==> flow/design.v <==
module cpu_sel_unit_top #(
  parameter BITS = 4,
  parameter LANES = 24,
  parameter LG = $clog2(LANES)
) (
  input  wire clk,
  input  wire srst,
  input  wire clk_en,
  input  wire [LANES*BITS-1:0] val,
  input  wire [LG-1:0] addr,
  output reg [BITS-1:0] res
);
  reg [BITS-1:0] cur;
  integer k;
  always @* begin
    cur = 0;
    for (k = 0; k < LANES; k = k + 1)
      if (addr == k) cur = val[k*BITS +: BITS];
  end
  always @(posedge clk) begin
    if (srst) begin
      res <= 0;
    end else if (clk_en) begin
      res <= cur;
    end
  end
endmodule
# Tool chain data of cpu_sel_unit_top
# What the tools print for cpu_sel_unit_top, step after step.
# Lines are those of the file above, counted from 1.
# Operators carry their Yosys type and port widths (W data, S select, Z words).
# Library cell names are shortened.
design:
  top: "cpu_sel_unit_top"
  clk_port: "clk"
  cell_library: "sky130hd"
  pvt_corner: "tt_025C_1v80"

# Word-level counts
# Counts by Yosys on the flattened word-level netlist (proc, flatten, opt, wreduce; memories kept). Register bits leave out memories and registers merged into their read ports (data or address); mux counts leave out enables and synchronous resets folded into registers. Print and check cells are left out. Cells with the same type and inputs are merged into one.
word_totals:
  register_bits: 4
  in_bits: 104
  output_inout_bits: 4
  word_cells: 49
op_classes:
  equal: 23
  muxes: 24
  reduce_logical: 1
op_table:
  columns: ["cell", "n"]
  rows:
  - ["$mux W4", 24]
  - ["$eq A5 B4 Y1 const B", 8]
  - ["$eq A5 B5 Y1 const B", 8]
  - ["$eq A5 B3 Y1 const B", 4]
  - ["$eq A5 B2 Y1 const B", 2]
  - ["$eq A5 B1 Y1 const B", 1]
  - ["$logic_not A5 Y1", 1]

# Depth
# Depth = most cells in a row (Yosys ltp): at word level without a register or memory, in the mapped netlist without a sequential cell, where the memories' decode and read muxes count.
depth:
  word_depth: 25
  ABC_AREA: 0
  ltp_mapped: 10

# Synthesis result
# Source: synth_stat.txt of the flow (Yosys; design flattened, memories mapped). It holds for the ABC_AREA given above (unset counts as 0); a run with the other value may have another netlist.
types:
  columns: ["cell_type", "n", "area_total_um2"]
  rows:
  - ["mux2i_1", 17, 170.163]
  - ["a21oi_1", 17, 85.082]
  - ["dfxtp_1", 4, 80.077]
  - ["mux4_2", 3, 67.565]
  - ["nand2_1", 18, 67.565]
  - ["o21ai_0", 12, 60.058]
  - ["nor2_1", 14, 52.55]
  - ["nand3_1", 10, 50.048]
  - ["buf_12", 2, 40.038]
  - ["a221oi_1", 4, 35.034]
  - ["buf_2", 7, 35.034]
  - ["a31oi_1", 5, 31.28]
  - ["nand4_1", 5, 31.28]
  - ["nor2b_1", 5, 31.28]
  - ["o22ai_1", 5, 31.28]
  - ["a211oi_1", 4, 30.029]
  - ["a221oi_2", 2, 30.029]
  - ["nor3b_1", 4, 30.029]
# Other cell types: 32; their cells: 54.
synth_totals:
  cells: 192
  area_um2: 1378.8
  seq_area_um2: 80.1
  ff_cells: 4

# Timing after synthesis
# Path of least setup slack by OpenSTA after synthesis, without wires, with an ideal clock, recovery checks aside; 20% of the period is set as input and as output delay. Where synthesis merged equal registers, the netlist keeps one of their names.
synth_path:
  kind: "input to register"
  start: "input port addr[1]"
  end: "register res[2]"
  clock_period_ps: 2100
  input_delay_ps: 420
  setup_ps: 115
  launch_ps: 420
  arrival_time_ps: 1647
  required_ps: 1985
  path_slack_ps: 338
  delay_ps: 1342
  stages: 9
  n_path_buf: 4
  synth_period_reached_ps: 1762
# "delay_ps" = arrival - input delay + setup time.
# "stages": output pins that drive a net of the path, with the launching flip-flop's if there is one; two outputs of one cell count as two.
# "synth_period_reached_ps" is the clock period less the worst setup slack; recovery checks do not enter. This is arithmetic on one report: input and output delays are still those of the set period (20% each).
# Between the ends stands the longest chain of elaborated cells between them, by number of cells; it is not shown to be the way that was timed. Of several equally long chains one is given.
# A line is the first line of the expression or statement that the cell stems from. Yosys adds cells for indexed reads and writes and turns some case tables into memories.
synth_via:
  path_cell_list: "buf_6 > buf_12 > buf_4 > buf_4 > nor2_1 > nor2_1 > a2111oi_0 > nor3_1 > o21a_1"
  elab_chain_cells: 25
  cone_cells: 48
  cone_lines: 1
  cone_classes: "23 x eq/ne; 24 x mux; 1 x reduce/logical"
synth_rtl:
  columns: ["element", "line", "rtl"]
  rows:
  - ["start: declaration", 10, "input  wire [LG-1:0] addr,"]
  - ["$logic_not A5 Y1", 18, "if (addr == k) cur = val[k*BITS +: BITS];"]
  - ["$mux W4 x24", 18, null]
  - ["end: assignment", 22, "res <= 0;"]
  - ["end: assignment", 24, "res <= cur;"]
  - ["end: declaration", 11, "output reg [BITS-1:0] res"]

# Worst path after layout
# From the final timing report of run 1: the path of least setup slack in the routed layout; clock arrival at registers is part of the times.
# The report prints the path's times to 10 ps; the period is as set.
layout_path:
  kind: "input to register"
  start: "input port addr[2]"
  end: "register res[1]"
  clock_period_ps: 2100
  input_delay_ps: 420
  setup_ps: 70
  launch_ps: 420
  arrival_time_ps: 2200
  required_ps: 2270
  path_slack_ps: 80
  stages: 10
  n_path_buf: 4
# Between the ends stands the longest chain of elaborated cells between them, by number of cells; it is not shown to be the way that was timed. Of several equally long chains one is given.
layout_via:
  path_cell_list: "clkdlybuf4s50_1 > buf_6 > buf_6 > nor3b_1 > buf_4 > a221oi_2 > nor2_1 > nor3_2 > o31ai_1 > a21oi_1"
  elab_chain_cells: 25
  cone_cells: 48
  cone_lines: 1
  cone_classes: "23 x eq/ne; 24 x mux; 1 x reduce/logical"
layout_rtl:
  columns: ["element", "line", "rtl"]
  rows:
  - ["start: declaration", 10, "input  wire [LG-1:0] addr,"]
  - ["$logic_not A5 Y1", 18, "if (addr == k) cur = val[k*BITS +: BITS];"]
  - ["$mux W4 x24", 18, null]
  - ["end: assignment", 22, "res <= 0;"]
  - ["end: assignment", 24, "res <= cur;"]
  - ["end: declaration", 11, "output reg [BITS-1:0] res"]

# Top module cpu_sel_unit_top; platform sky130hd; tools Yosys and OpenROAD; 3 stored runs in no particular order. Input and output delays are each 20% of the period that was set; the output load is 0.01 pF.
# "achieved_clock_period_ps": clock period set for the run, less the worst setup slack. It is reckoned from that one timing run; input and output delays stay at 20% of the period that was set.
# "worstPathTime_ps": the worst setup path's part of the clock period (all of it between registers, 20% less for each end at a port) less its slack. A launch clock that arrives late makes it longer, a capture clock that arrives late makes it shorter.
# By "power_total_uw" is meant OpenSTA's value without simulated activity: inputs other than the clock are taken to toggle once in ten clock periods, and the tool carries that through the logic.
# "worstPathTime_ps" is given in steps of 10 ps.
runs:
  - name: "run 1"
    settings:
      period_ns: 2.1
      CAP_MARGIN: 20
      CORE_MARGIN: 2
      CORE_UTILIZATION: 40
      SLEW_MARGIN: 20
    results:
      power_total_uw: 734.4
      setup_tns_ps: 0
      design_die_area_um2: 3932.5
      worstPathTime_ps: 1600
      worst_path_kind: "input to register"
      achieved_clock_period_ps: 2023
      post_route_util_pct: 87.0
      ys_area_um2: 1378.8
      ws_setup_ps: 77
  - name: "run 2"
    settings:
      period_ns: 1.07
      CORE_UTILIZATION: 34
      SETUP_SLACK_MARGIN: 0.13
      PLACE_DENSITY_LB_ADDON: 0.02
      TNS_END_PERCENT: 25
      ABC_AREA: 1
      GPL_TIMING_DRIVEN: 0
      GPL_ROUTABILITY_DRIVEN: 0
      SLEW_MARGIN: 25
      MIN_ROUTING_LAYER: "met2"
      CAP_MARGIN: 20
      CORE_MARGIN: 2
    results:
      setup_tns_ps: -2989
      power_total_uw: 1072
      achieved_clock_period_ps: 1842
      worstPathTime_ps: 1630
      worst_path_kind: "input to register"
      ws_setup_ps: -772
      post_route_util_pct: 76.5
      design_die_area_um2: 3768.7
      ys_area_um2: 1119.8
  - name: "run 3"
    settings:
      period_ns: 1.21
      CORE_UTILIZATION: 69
      SETUP_SLACK_MARGIN: 0.31
      CORE_MARGIN: 4
      CELL_PAD_IN_SITES_DETAIL_PLACEMENT: 2
      GPL_TIMING_DRIVEN: 1
      GPL_ROUTABILITY_DRIVEN: 1
      MIN_ROUTING_LAYER: "met1"
      CAP_MARGIN: 20
      SLEW_MARGIN: 20
    outcome: "unfinished; error GPL-0301 in placement"
